==> flow/design.v <==
module sync_mul_unit_stage #(
  parameter int DATA_W = 28
) (
  input logic sys_clk,
  input logic [DATA_W-1:0] a_i,
  input logic [DATA_W-1:0] b_i,
  input logic zero_i,
  output logic [2*DATA_W-1:0] m_o,
  output logic fin_o
);
  logic [DATA_W-1:0] a_reg;
  logic [DATA_W-1:0] b_reg;
  logic zero_reg;
  localparam int SEL_W = $clog2(DATA_W + 1);
  logic [DATA_W-1:0] mcand;
  logic [SEL_W-1:0] left;
  logic [2*DATA_W-1:0] state;
  logic [DATA_W:0] work;
  assign work = state[2*DATA_W-1:DATA_W] + (state[0] ? mcand : {DATA_W{1'b0}});
  assign m_o = state;
  assign fin_o = (left == 0);
  always_ff @(posedge sys_clk) begin
    a_reg <= a_i;
    b_reg <= b_i;
    zero_reg <= zero_i;
    mcand <= zero_reg ? a_reg : mcand;
    left <= zero_reg ? DATA_W : (left != 0) ? left - 1'b1 : left;
    state <= zero_reg ? {{DATA_W{1'b0}}, b_reg} : (left != 0) ? {work, state[DATA_W-1:1]} : state;
  end
endmodule
From RTL to reports: sync_mul_unit_stage. Tool output for the design above, in the order of the flow. Lines are those of the file above, counted from 1. Cell names lack the library's common part. A cell with - has no value.

Design top: sync_mul_unit_stage. Clock port: sys_clk. Library: sky130hd. Timing corner: tt_025C_1v80.

Elaborated design. Counts by Yosys on the flattened word-level netlist (proc, flatten, opt, wreduce; memories kept). Register bits leave out memories and registers merged into their read ports (data or address). Print and check cells are left out. Cells with the same type and inputs are merged into one.

For ROM bits the number is 0. Bits in latches: 0. The entry for output and inout bits reads 57. Under word width x clocked read ports stands 0. For flip-flop bits (word level) the number is 146. Under memories stands 0. Under word-level cells stands 15. Under input port bits stands 58. For bits in writable memories the number is 0.

Under shift operators stands 0. For equality and inequality tests the number is 0. Order comparisons: 0. The figure for div/mod/pow operators is 0. Bitwise operators: 0. For reductions and logical operators the number is 3. The figure for muxes and demuxes is 3. Under $mul stands 0. The entry for add/subtract/negate cells reads 2.

Operator list (number): 28-bit two-way mux (3); 28-bit by 28-bit adder with 29-bit output (1); 5-bit by 1-bit subtractor with 5-bit output with constant B (1); 5-bit zero test (1); 5-bit nonzero test (1); 2-bit nonzero test (1).

Depth. Depth = most cells in a row (Yosys ltp): at word level without a register or memory, in the mapped netlist without a sequential cell, where the memories' decode and read muxes count.

The entry for word-level depth reads 4. For ABC_AREA the number is 0. Depth in mapped cells: 12.

Netlist. Source: synth_stat.txt of the flow (Yosys; design flattened, memories mapped). It holds for the ABC_AREA given above (unset counts as 0); a run with the other value may have another netlist. The area totals of this step are shown rounded.

Mapped cells: 495. For buffers the number is 19. The figure for synthesis area is 5880 µm². The entry for mapped flip-flops reads 146.

Cells by type: dfxtp_1 (number 90, area in all 1.8E+03 µm²); edfxtp_1 (number 56, area in all 1.68E+03 µm²); ha_1 (number 29, area in all 362.848 µm²); mux2_2 (number 28, area in all 315.302 µm²); a21oi_1 (number 44, area in all 220.211 µm²); and2_1 (number 29, area in all 181.424 µm²); nand2_1 (number 45, area in all 168.912 µm²); xnor2_1 (number 15, area in all 131.376 µm²); a21o_1 (number 14, area in all 105.101 µm²); a22o_1 (number 9, area in all 78.826 µm²); nor2_1 (number 21, area in all 78.826 µm²); xor2_1 (number 9, area in all 78.826 µm²); o21ai_0 (number 13, area in all 65.062 µm²); clkbuf_1 (number 14, area in all 52.55 µm²); a211oi_1 (number 6, area in all 45.043 µm²); nand3_1 (number 9, area in all 45.043 µm²); nor3_1 (number 7, area in all 35.034 µm²); inv_1 (number 9, area in all 33.782 µm²).

Other cell types: 28; their cells: 48.

Path before layout. Source: OpenSTA report_checks on the synthesized netlist (no wires, ideal clock, input and output delay 20% of the period each), path of least setup slack; recovery checks are left aside. Register names are those of the netlist, which keeps one name where synthesis merged equal registers.

Kind: register to register. Start: register state[0]. End: register state[55]. The entry for clock period reads 3.78 ns. Under arrival stands 2.907 ns. The entry for stages on the path reads 12. Delay of the path: 3.027 ns. Under slack stands 0.753 ns. The entry for required time reads 3.660 ns. Under synthesis period reached stands 3.027 ns.

"delay of the path" = arrival - input delay + setup time. "stages on the path" counts driving pins, that of a launching flip-flop among them; a cell with two outputs on the path counts twice. "synthesis period reached" is the clock period less the worst setup slack; recovery checks do not enter. This is arithmetic on one report: input and output delays are still those of the set period (20% each). The rows between start and end are the longest chain of elaborated cells between them; the timing report does not say that the signal goes this way. Where chains are equally long, one stands for them. Each line given opens the expression or statement behind the cell; cells for indexed reads and writes are added by Yosys, which also makes memories of some case tables.

Cell sequence: edfxtp_1 -> clkbuf_1 -> and2_1 -> ha_1 -> fa_1 -> a21oi_2 -> o21ai_2 -> a41o_4 -> a311oi_4 -> o21ai_2 -> and3_4 -> o31a_1. For length of the longest elaborated chain the number is 2. For elaborated cells between the ends (all ways) the number is 2. Under RTL lines with such cells stands 1. Classes of those cells: add/sub: 1; mux: 1.

Ends and longest elaborated chain, after synthesis: from (decl) (line 17) `logic [2*DATA_W-1:0] state;`; from (assign) (line 28) `state <= zero_reg ? {{DATA_W{1'b0}}, b_reg} : (left != 0) ? {work, state[DATA_W-1:1]} : state;`; 28-bit two-way mux (line 19) `assign work = state[2*DATA_W-1:DATA_W] + (state[0] ? mcand : {DATA_W{1'b0}});`; 28-bit by 28-bit adder with 29-bit output (line 19); to (assign) (line 28); to (decl) (line 17).

Worst path after layout. From the final timing report of record 3: the path of least setup slack in the routed layout; clock arrival at registers is part of the times.

Kind: register to register. Start: register state[0]. End: register state[55]. Under arrival stands 3.42 ns. The entry for required time reads 4.08 ns. The entry for stages on the path reads 11. Under slack stands 0.66 ns. The entry for clock period reads 3.78 ns.

The rows between start and end are the longest chain of elaborated cells between them; the timing report does not say that the signal goes this way. Where chains are equally long, one stands for them.

Cell sequence: edfxtp_1 -> buf_4 -> and2_1 -> ha_1 -> a21o_1 -> a31o_4 -> a41o_4 -> a311oi_4 -> o21ai_2 -> and3_4 -> o31a_1. For length of the longest elaborated chain the number is 2. For elaborated cells between the ends (all ways) the number is 2. Under RTL lines with such cells stands 1. Classes of those cells: add/sub: 1; mux: 1.

Ends and longest elaborated chain, post-layout: from (decl) (line 17) `logic [2*DATA_W-1:0] state;`; from (assign) (line 28) `state <= zero_reg ? {{DATA_W{1'b0}}, b_reg} : (left != 0) ? {work, state[DATA_W-1:1]} : state;`; 28-bit two-way mux (line 19) `assign work = state[2*DATA_W-1:DATA_W] + (state[0] ? mcand : {DATA_W{1'b0}});`; 28-bit by 28-bit adder with 29-bit output (line 19); to (assign) (line 28); to (decl) (line 17).

## Implementation results

3 stored runs of sync_mul_unit_stage in the flow (synthesis by Yosys, layout by OpenROAD, sky130hd cells), in arbitrary order. Constraints: input delay and output delay 20% of the set period each, output load 0.01 pF. "achieved clock period" = clock period - worst setup slack. The figure is calculated, with input and output delays left at 20% of the set period. "time used up by the worst setup path" means the part of the period allowed to the worst setup path (the constraints hold back 20% at inputs and 20% at outputs) less its slack; where the path has registers, the arrival times of their clocks count too. "total design power": no workload was simulated; the value follows from the tool's default switching activity. Values from the reports are rounded here.

Files of record 1:
==> flow/run.sh <==
#!/bin/bash
# the make line also repeats the synthesis and layout settings of config.mk as NAME=value (left out here)
make -C /OpenROAD-flow-scripts/flow DESIGN_CONFIG=/design/flow/config.mk WORK_HOME=/design/flow/orfs CLKGATE_MAP_FILE= finish
==> flow/config.mk <==
export PLATFORM = sky130hd
export DESIGN_NAME = sync_mul_unit_stage
export DESIGN_NICKNAME = sync_mul_unit_stage
export VERILOG_FILES = /design/flow/design.v
export SDC_FILE = /design/flow/constraint.sdc
export NUM_CORES = 4
export LEC_CHECK = 0
export CAP_MARGIN = 35
export CELL_PAD_IN_SITES_GLOBAL_PLACEMENT = 1
export CORE_MARGIN = 2
export CORE_UTILIZATION = 72
export CTS_CLUSTER_DIAMETER = 67
export CTS_CLUSTER_SIZE = 12
export GPL_ROUTABILITY_DRIVEN = 0
export GPL_TIMING_DRIVEN = 1
export SLEW_MARGIN = 20
export TNS_END_PERCENT = 100
==> flow/constraint.sdc <==
create_clock -name core_clock -period 1.98 [get_ports {sys_clk}]
set_input_delay 0.3960 -clock core_clock [delete_from_list [all_inputs] [get_ports {sys_clk}]]
set_output_delay 0.3960 -clock core_clock [all_outputs]
set_load 0.01 [all_outputs]

Outcome of record 1: stopped before the end: placement reported GPL-0301.

Files of record 2:
==> flow/run.sh <==
#!/bin/bash
# the make line also repeats the synthesis and layout settings of config.mk as NAME=value (left out here)
make -C /OpenROAD-flow-scripts/flow DESIGN_CONFIG=/design/flow/config.mk WORK_HOME=/design/flow/orfs CLKGATE_MAP_FILE= finish
==> flow/config.mk <==
export PLATFORM = sky130hd
export DESIGN_NAME = sync_mul_unit_stage
export DESIGN_NICKNAME = sync_mul_unit_stage
export VERILOG_FILES = /design/flow/design.v
export SDC_FILE = /design/flow/constraint.sdc
export NUM_CORES = 4
export LEC_CHECK = 0
export ABC_AREA = 1
export CAP_MARGIN = 35
export CELL_PAD_IN_SITES_GLOBAL_PLACEMENT = 3
export CORE_ASPECT_RATIO = 1.08
export CORE_MARGIN = 2
export CORE_UTILIZATION = 62
export MIN_ROUTING_LAYER = met1
export PLACE_DENSITY_LB_ADDON = 0.01
export SETUP_SLACK_MARGIN = 0.66
export SLEW_MARGIN = 20
export TNS_END_PERCENT = 30
==> flow/constraint.sdc <==
create_clock -name core_clock -period 5.8 [get_ports {sys_clk}]
set_input_delay 1.1600 -clock core_clock [delete_from_list [all_inputs] [get_ports {sys_clk}]]
set_output_delay 1.1600 -clock core_clock [all_outputs]
set_load 0.01 [all_outputs]

Outcome of record 2: stopped before the end: placement reported FLW-0024.

Files of record 3:
==> flow/run.sh <==
#!/bin/bash
# the make line also repeats the synthesis and layout settings of config.mk as NAME=value (left out here)
make -C /OpenROAD-flow-scripts/flow DESIGN_CONFIG=/design/flow/config.mk WORK_HOME=/design/flow/orfs CLKGATE_MAP_FILE= finish
==> flow/config.mk <==
export PLATFORM = sky130hd
export DESIGN_NAME = sync_mul_unit_stage
export DESIGN_NICKNAME = sync_mul_unit_stage
export VERILOG_FILES = /design/flow/design.v
export SDC_FILE = /design/flow/constraint.sdc
export NUM_CORES = 4
export LEC_CHECK = 0
export CAP_MARGIN = 20
export CORE_MARGIN = 2
export CORE_UTILIZATION = 40
export SLEW_MARGIN = 20
==> flow/constraint.sdc <==
create_clock -name core_clock -period 3.78 [get_ports {sys_clk}]
set_input_delay 0.7560 -clock core_clock [delete_from_list [all_inputs] [get_ports {sys_clk}]]
set_output_delay 0.7560 -clock core_clock [all_outputs]
set_load 0.01 [all_outputs]

Results of record 3. For the total design power the run shows 4.50 mW. The time used up by the worst setup path is 3.12 ns. Kind of the worst setup path: register to register. The worst hold slack in the final report is 0.396 ns. The area of the standard cells in the finished layout is 7800 µm². For the area of the synthesized netlist the run shows 5880 µm². For the sum of negative setup slack the run shows 0.000 ns. For the final utilization the run shows 0.541. The achieved clock period is 3.121 ns. The area inside the die boundary reads 15700 µm². For the setup slack of the worst path the run shows 0.659 ns.
